==> flow/design.v <==
module cpu_sel_unit #(
   parameter XLEN = 64,
   parameter LANES = 16,
   parameter SEL_WIDTH = $clog2(LANES)
) (
   input wire clk_i,
   input wire RSTN,
   input wire enable,
   input wire [LANES*XLEN-1:0] d_in,
   input wire [SEL_WIDTH-1:0] choose_in,
   output wire [XLEN-1:0] y_out
);
   reg [LANES*XLEN-1:0] d_ff;
   always @(posedge clk_i or negedge RSTN) begin
      if (~RSTN) begin
         d_ff <= 0;
      end else if (enable) begin
         d_ff <= d_in;
      end
   end
   reg [SEL_WIDTH-1:0] choose_ff;
   always @(posedge clk_i or negedge RSTN) begin
      if (~RSTN) begin
         choose_ff <= 0;
      end else if (enable) begin
         choose_ff <= choose_in;
      end
   end
   wire [XLEN-1:0] node [1:2*LANES-1];
   genvar i;
   generate
      for (i = 0; i < LANES; i = i + 1) begin : row
         assign node[LANES+i] = d_ff[i*XLEN +: XLEN];
      end
      for (i = 1; i < LANES; i = i + 1) begin : g_bit
         assign node[i] = choose_ff[SEL_WIDTH - $clog2(i+1)] ? node[2*i+1] : node[2*i];
      end
   endgenerate
   assign y_out = node[1];
endmodule
From RTL to reports: cpu_sel_unit
The steps from the RTL of cpu_sel_unit to its reports follow in flow order.
Line numbers count from 1 in the design file above.
Operators: Yosys type, input widths -> output width; for muxes data width and select width s.
Cell names lack the library's common part.
A cell with n/a has no value.
- top module: cpu_sel_unit
- clock input: clk_i
- cell library: sky130hd
- library corner: tt_025C_1v80

Word level
Counts by Yosys on the flattened word-level netlist (proc, flatten, opt, wreduce). Print and check cells are left out. Cells with the same type and inputs are merged into one.
- register bits: 1028
- output and inout port bits at 64
- word-level cells: 17
- noted mux-type cells: 15
- operators by type and width (operator ; number):
    $mux 64 ; 15

Longest topological paths
Depth = most cells in a row (Yosys ltp): at word level without a register or memory, in the mapped netlist without a sequential cell, where the memories' decode and read muxes count.
- depth after elaboration at 4
- noted ABC_AREA: 0
- noted gate-level depth with buffers: 6
- depth with buffers taken out at 3

Netlist
Source: synth_stat.txt of the flow (Yosys; design flattened, memories mapped). It holds for the ABC_AREA given above (unset counts as 0); a run with the other value may have another netlist.
The area totals of this step are shown rounded.
- mapped cells at 2707
- cell area after synthesis at 45000 sq um
- flip-flop cells at 1028
- buffer cells: 199
- cells by type (cell ; number):
    dfrtp_1 ; 1028
    mux2_2 ; 1028
    mux4_2 ; 256
    a22oi_1 ; 128
    buf_2 ; 118
    nand2_1 ; 64
    clkbuf_1 ; 45
    buf_6 ; 13
    buf_1 ; 19
    buf_4 ; 4
    nor2b_1 ; 2
    and2_1 ; 1
    nor2_1 ; 1

Worst setup path after synthesis
Path of least setup slack by OpenSTA after synthesis, without wires, with an ideal clock, recovery checks aside; 20% of the period is set as input and as output delay. Where synthesis merged equal registers, the netlist keeps one of their names.
- path kind: flip-flop to output port
- start point: register (no name shown)
- end point: output y_out[10]
- period: 2.52 ns
- noted output delay: 0.504 ns
- arrival time at 1.614 ns
- data required time: 2.016 ns
- noted path slack: 0.402 ns
- path delay: 1.614 ns
- driving pins on the path at 7
- path buffers: 3
- noted period reached after synthesis: 2.118 ns
"path delay" = arrival - input delay + setup time.
A path that ends at an output port has no setup time.
"driving pins on the path" counts driving pins, that of a launching flip-flop among them; a cell with two outputs on the path counts twice.
"period reached after synthesis" = period - worst setup slack (recovery checks aside). The figure is calculated, with input and output delays left at 20% of the set period.
Between the ends stands the longest chain of elaborated cells between them, by number of cells; it is not shown to be the way that was timed. Of several equally long chains one is given.
Each line given opens the expression or statement behind the cell; cells for indexed reads and writes are added by Yosys, which also makes memories of some case tables.
- path through: dfrtp_1 -> buf_2 -> buf_6 -> buf_2 -> mux4_2 -> a22oi_1 -> nand2_1
- length of the longest elaborated chain at 4
- elaborated cells on any way between the ends: 15
- RTL lines with such cells at 1
- classes of those cells: mux (15)
- ends and longest elaborated chain, after synthesis (item ; RTL line ; RTL):
    start: declaration ; 21 ;
    start: assignment ; 24 ;
    start: assignment ; 26 ;
    $mux 64 x4 ; 36 ;
    end: declaration ; 11 ; output wire [XLEN-1:0] y_out

Timing after layout
From the final timing report of run 1: the path of least setup slack in the routed layout; clock arrival at registers is part of the times.
- path kind: flip-flop to output port
- start point: register (no name shown)
- end point: output y_out[5]
- period: 2.52 ns
- noted output delay: 0.50 ns
- arrival time at 2.75 ns
- data required time: 2.02 ns
- noted path slack: -0.74 ns
- driving pins on the path at 10
- path buffers: 6
Between the ends stands the longest chain of elaborated cells between them, by number of cells; it is not shown to be the way that was timed. Of several equally long chains one is given.
- path through: dfrtp_4 -> buf_12 -> buf_16 -> buf_12 -> buf_6 -> buf_6 -> mux4_2 -> a22oi_2 -> nand2_1 -> buf_6
- length of the longest elaborated chain at 4
- elaborated cells on any way between the ends: 15
- RTL lines with such cells at 1
- classes of those cells: mux (15)
- ends and longest elaborated chain, after layout (item ; RTL line ; RTL):
    start: declaration ; 21 ;
    start: assignment ; 24 ;
    start: assignment ; 26 ;
    $mux 64 x4 ; 36 ;
    end: declaration ; 11 ; output wire [XLEN-1:0] y_out

Ticket comment

Measured results for cpu_sel_unit: 3 stored runs of the Yosys and OpenROAD flow on sky130hd. The settings differ; the order carries no meaning. The constraints put input and output delay at 20% of the set period each and load the outputs with 0.01 pF.
"reached clock period" is the run's clock period less its worst setup slack. It is reckoned from that one timing run; input and output delays stay at 20% of the period that was set.
"time on the worst setup path" is the time allowed to the run's worst setup path (the clock period less input and output delay, where it has them) less its slack. Clock arrival times count: a late capture clock shortens it, a late launch clock lengthens it.
"total power after layout" is the tool's figure for a default switching activity; nothing was simulated.
The results are shown rounded.

Run 1
Settings were period_ns = 2.52; CAP_MARGIN = 20; CORE_MARGIN = 2; CORE_UTILIZATION = 40; SLEW_MARGIN = 20
- post-synthesis cell area: 45000 sq um
- noted the area of the die: 120000 sq um
- standard-cell area after routing at 65000 sq um
- final utilization at 58%
- lowest setup slack at -0.74 ns
- total negative slack at -40 ns
- noted the total power after layout: 45 mW
- reached clock period: 3.256 ns
- time on the worst setup path at 2.75 ns
- kind of the worst setup path: flip-flop to output port

Run 2
Settings were period_ns = 3.19; CORE_UTILIZATION = 20; SETUP_SLACK_MARGIN = -0.32; PLACE_DENSITY = 0.65; HOLD_SLACK_MARGIN = 0.26; CORE_ASPECT_RATIO = 1.15; CORE_MARGIN = 7; CELL_PAD_IN_SITES_DETAIL_PLACEMENT = 2; ABC_AREA = 0; SLEW_MARGIN = 0; CAP_MARGIN = 20
- post-synthesis cell area: 45000 sq um
- noted the area of the die: 240000 sq um
- standard-cell area after routing at 67000 sq um
- final utilization at 30%
- lowest setup slack at -0.59 ns
- total negative slack at -25 ns
- noted the total power after layout: 38 mW
- reached clock period: 3.777 ns
- time on the worst setup path at 3.14 ns
- kind of the worst setup path: flip-flop to output port

Run 3
Settings were period_ns = 1.65; CORE_UTILIZATION = 32; SETUP_SLACK_MARGIN = 0.4; CORE_MARGIN = 5; CELL_PAD_IN_SITES_GLOBAL_PLACEMENT = 0; SLEW_MARGIN = 30; CAP_MARGIN = 20
- post-synthesis cell area: 45000 sq um
- noted the area of the die: 150000 sq um
- standard-cell area after routing at 67000 sq um
- final utilization at 47%
- lowest setup slack at -1.6 ns
- total negative slack at -89 ns
- noted the total power after layout: 71 mW
- reached clock period: 3.244 ns
- time on the worst setup path at 2.91 ns
- kind of the worst setup path: flip-flop to output port
